==> flow/design.v <==
module sync_compare #(
   parameter DWIDTH = 20
) (
   input wire i_clk,
   input wire valid,
   input wire [DWIDTH-1:0] dataa,
   input wire [DWIDTH-1:0] datab,
   input wire [DWIDTH-1:0] datac,
   output wire in_range
);
   reg r_in_range;
   always @(posedge i_clk) begin
      if (valid) begin
         r_in_range <= (dataa >= datab) && (dataa <= datac);
      end
   end
   assign in_range = r_in_range;
endmodule
== Step by step through the tools: sync_compare ==
Tool output for the design above, in the order of the flow.
Line numbers count from 1 in the design file above.
Operators carry their Yosys type and port widths (W data, S select, Z words).
Cell names lack the library's common part.
Not given: -
Set-up
  design top: sync_compare
  clock input: i_clk
  standard-cell library: sky130hd
  library corner: tt_025C_1v80

== After elaboration ==
Source: Yosys, flattened and elaborated, memories not mapped. Widths are those after wreduce; folded enables and synchronous resets count as part of the registers. Registers that Yosys merges into a memory's read port (data or address) are not register bits. Print and check cells do not count. Equal cells are merged and count once.
Cells by class
  add/sub/neg operators: 0
  multipliers: 0
  div/mod/pow operators: 0
  magnitude comparators: 2
  equality and inequality tests: 0
  shifts and indexed selects: 0
  multiplexer cells: 0
  bitwise gates (word level): 0
  reductions and logical operators: 1
Operators with widths (number)
  $ge A20 B20 Y1: 1
  $le A20 B20 Y1: 1
  $logic_and A1 B1 Y1: 1
Storage and ports
  bits in registers: 1
  latch bits: 0
  bits in writable memories: 0
  bits in read-only memories: 0
  clocked read ports x word width: 0
  memories: 0
  bits of input ports: 62
  output and inout port bits: 1
  cells after elaboration: 4

== Logic depth ==
Longest topological path by Yosys (ltp), each cell counted once; first at word level (registers and memories cut), then after technology mapping (sequential cells cut; the memories' decode and read muxes count).
Logic depth
  word-level depth: 2
  ABC_AREA: 0
  depth in mapped cells: 7
  gate-level depth less buffers: 7

== Synthesis result ==
The flow's flattened synthesis, as Yosys stat reports it; memories are mapped. The netlist is that of the ABC_AREA named above (0 if unset); the other value can give another one.
Synthesis totals
  standard cells after synthesis: 141
  cell area after synthesis: 1042.2 sq um
  flip-flops: 1
  buffers: 0
Cells by type
  ha_1: number 40, area in all 500.48 sq um
  inv_1: number 40, area in all 150.144 sq um
  a21oi_1: number 13, area in all 65.062 sq um
  and4_1: number 5, area in all 43.792 sq um
  nand2_1: number 11, area in all 41.29 sq um
  a21o_1: number 4, area in all 30.029 sq um
  edfxtp_1: number 1, area in all 30.029 sq um
  o21ai_0: number 5, area in all 25.024 sq um
  nand2b_1: number 3, area in all 18.768 sq um
  a21o_2: number 2, area in all 17.517 sq um
  nand4_1: number 2, area in all 12.512 sq um
  nor4_2: number 1, area in all 12.512 sq um
  nand3_1: number 2, area in all 10.01 sq um
  or4b_1: number 1, area in all 10.01 sq um
  a211o_1: number 1, area in all 8.758 sq um
  a221oi_1: number 1, area in all 8.758 sq um
  a32oi_1: number 1, area in all 8.758 sq um
  o2111ai_1: number 1, area in all 8.758 sq um
Other cell types: 6; their cells: 7.

== Path before layout ==
Source: OpenSTA report_checks on the synthesized netlist (no wires, ideal clock, input and output delay 20% of the period each), path of least setup slack; recovery checks are left aside. Register names are those of the netlist, which keeps one name where synthesis merged equal registers.
Timing after synthesis
  path type: in2reg
  start point: input port datab[17]
  end point: register r_in_range
  clock period: 2230 ps
  external input delay: 446 ps
  library setup time: 157 ps
  arrival time: 1716 ps
  required time: 2073 ps
  slack: 358 ps
  path delay: 1427 ps
  stages on the path: 6
  path buffers: 0
  synthesis period reached: 1872 ps
"path delay" is the arrival time less input delay plus setup time.
"stages on the path": output pins that drive a net of the path, with the launching flip-flop's if there is one; two outputs of one cell count as two.
"synthesis period reached" = period - worst setup slack (recovery checks aside). The figure is calculated, with input and output delays left at 20% of the set period.
The rows between start and end are the longest chain of elaborated cells between them; the timing report does not say that the signal goes this way. Where chains are equally long, one stands for them.
Each line given opens the expression or statement behind the cell; cells for indexed reads and writes are added by Yosys, which also makes memories of some case tables.
Between the ends, after synthesis
  path through: inv_1 -> ha_1 -> nand4_1 -> nor4_2 -> or4b_1 -> a32oi_1
  length of the longest elaborated chain: 2
RTL lines, path after synthesis
  from (decl): RTL line 7  | input wire [DWIDTH-1:0] datab,
  $ge A20 B20 Y1: RTL line 14  | r_in_range <= (dataa >= datab) && (dataa <= datac);
  $logic_and A1 B1 Y1: RTL line 14
  to (assign): RTL line 14
  to (decl): RTL line 11  | reg r_in_range;

== Path in the finished layout ==
Path of least setup slack in the final report of stored run 1 (OpenROAD, finished layout, wires in). Where an end is a register, its clock arrival counts in the times.
The path's times are printed in steps of 10 ps; the period is the one set.
Timing after layout
  path type: in2reg
  start point: input port datab[7]
  end point: register r_in_range
  clock period: 2230 ps
  external input delay: 450 ps
  library setup time: 160 ps
  arrival time: 2050 ps
  required time: 2070 ps
  slack: 20 ps
  stages on the path: 6
  path buffers: 1
The rows between start and end are the longest chain of elaborated cells between them; the timing report does not say that the signal goes this way. Where chains are equally long, one stands for them.
Between the ends, after layout
  path through: clkdlybuf4s50_1 -> inv_2 -> ha_4 -> nand2_2 -> or4b_4 -> a32oi_2
  length of the longest elaborated chain: 2
RTL lines, path after layout
  from (decl): RTL line 7  | input wire [DWIDTH-1:0] datab,
  $ge A20 B20 Y1: RTL line 14  | r_in_range <= (dataa >= datab) && (dataa <= datac);
  $logic_and A1 B1 Y1: RTL line 14
  to (assign): RTL line 14
  to (decl): RTL line 11  | reg r_in_range;

Appendix: measured runs

Design sync_compare on sky130hd. What follows are 3 stored runs of the flow, each under its own settings; their order means nothing. The constraints put input and output delay at 20% of the set period each and load the outputs with 0.01 pF.
"achieved clock period" = clock period - worst setup slack. The figure is calculated, with input and output delays left at 20% of the set period.
"worst setup path time" means the part of the period allowed to the worst setup path (the constraints hold back 20% at inputs and 20% at outputs) less its slack; where the path has registers, the arrival times of their clocks count too.
By "power" is meant OpenSTA's value without simulated activity: inputs other than the clock are taken to toggle once in ten clock periods, and the tool carries that through the logic.
"worst setup path time" is known to 10 ps.

Stored run 1
==> flow/run.sh <==
#!/bin/bash
# the make line also repeats the synthesis and layout settings of config.mk as NAME=value (left out here)
make -C /OpenROAD-flow-scripts/flow DESIGN_CONFIG=/design/flow/config.mk WORK_HOME=/design/flow/orfs CLKGATE_MAP_FILE= finish
==> flow/config.mk <==
export PLATFORM = sky130hd
export DESIGN_NAME = sync_compare
export DESIGN_NICKNAME = sync_compare
export VERILOG_FILES = /design/flow/design.v
export SDC_FILE = /design/flow/constraint.sdc
export NUM_CORES = 4
export LEC_CHECK = 0
export CAP_MARGIN = 20
export CORE_MARGIN = 2
export CORE_UTILIZATION = 40
export SLEW_MARGIN = 20
==> flow/constraint.sdc <==
create_clock -name core_clock -period 2.23 [get_ports {i_clk}]
set_input_delay 0.4460 -clock core_clock [delete_from_list [all_inputs] [get_ports {i_clk}]]
set_output_delay 0.4460 -clock core_clock [all_outputs]
set_load 0.01 [all_outputs]

==> results of stored run 1 <==
chip area after synthesis (Yosys): 1042.2 sq um
die area: 3029.9 sq um
standard-cell area of the final layout: 2178.3 sq um
worst setup slack after layout: 18 ps
worst hold slack: 1047 ps
power: 410.9 µW
achieved clock period: 2212 ps
worst setup path time: 1770 ps
worst setup path kind: in2reg

Stored run 2
==> flow/run.sh <==
#!/bin/bash
# the make line also repeats the synthesis and layout settings of config.mk as NAME=value (left out here)
make -C /OpenROAD-flow-scripts/flow DESIGN_CONFIG=/design/flow/config.mk WORK_HOME=/design/flow/orfs CLKGATE_MAP_FILE= finish
==> flow/config.mk <==
export PLATFORM = sky130hd
export DESIGN_NAME = sync_compare
export DESIGN_NICKNAME = sync_compare
export VERILOG_FILES = /design/flow/design.v
export SDC_FILE = /design/flow/constraint.sdc
export NUM_CORES = 4
export LEC_CHECK = 0
export ABC_AREA = 1
export CAP_MARGIN = 40
export CELL_PAD_IN_SITES_DETAIL_PLACEMENT = 1
export CORE_ASPECT_RATIO = 1.12
export CORE_MARGIN = 2
export CORE_UTILIZATION = 15
export GPL_ROUTABILITY_DRIVEN = 1
export GPL_TIMING_DRIVEN = 1
export MIN_ROUTING_LAYER = met1
export SLEW_MARGIN = 20
==> flow/constraint.sdc <==
create_clock -name core_clock -period 1.78 [get_ports {i_clk}]
set_input_delay 0.3560 -clock core_clock [delete_from_list [all_inputs] [get_ports {i_clk}]]
set_output_delay 0.3560 -clock core_clock [all_outputs]
set_load 0.01 [all_outputs]

==> results of stored run 2 <==
chip area after synthesis (Yosys): 1198.6 sq um
die area: 8723.1 sq um
standard-cell area of the final layout: 2361.0 sq um
worst setup slack after layout: 94 ps
worst hold slack: 952 ps
power: 577 µW
achieved clock period: 1686 ps
worst setup path time: 1330 ps
worst setup path kind: in2reg

Stored run 3
==> flow/run.sh <==
#!/bin/bash
# the make line also repeats the synthesis and layout settings of config.mk as NAME=value (left out here)
make -C /OpenROAD-flow-scripts/flow DESIGN_CONFIG=/design/flow/config.mk WORK_HOME=/design/flow/orfs CLKGATE_MAP_FILE= finish
==> flow/config.mk <==
export PLATFORM = sky130hd
export DESIGN_NAME = sync_compare
export DESIGN_NICKNAME = sync_compare
export VERILOG_FILES = /design/flow/design.v
export SDC_FILE = /design/flow/constraint.sdc
export NUM_CORES = 4
export LEC_CHECK = 0
export CAP_MARGIN = 20
export CORE_ASPECT_RATIO = 1.2
export CORE_MARGIN = 2
export CORE_UTILIZATION = 71
export GPL_TIMING_DRIVEN = 0
export MIN_ROUTING_LAYER = met1
export PLACE_DENSITY_LB_ADDON = 0.21
export SETUP_SLACK_MARGIN = 0.45
export SLEW_MARGIN = 20
==> flow/constraint.sdc <==
create_clock -name core_clock -period 3.12 [get_ports {i_clk}]
set_input_delay 0.6240 -clock core_clock [delete_from_list [all_inputs] [get_ports {i_clk}]]
set_output_delay 0.6240 -clock core_clock [all_outputs]
set_load 0.01 [all_outputs]

==> results of stored run 3 <==
did not finish, placement stopped with FLW-0024
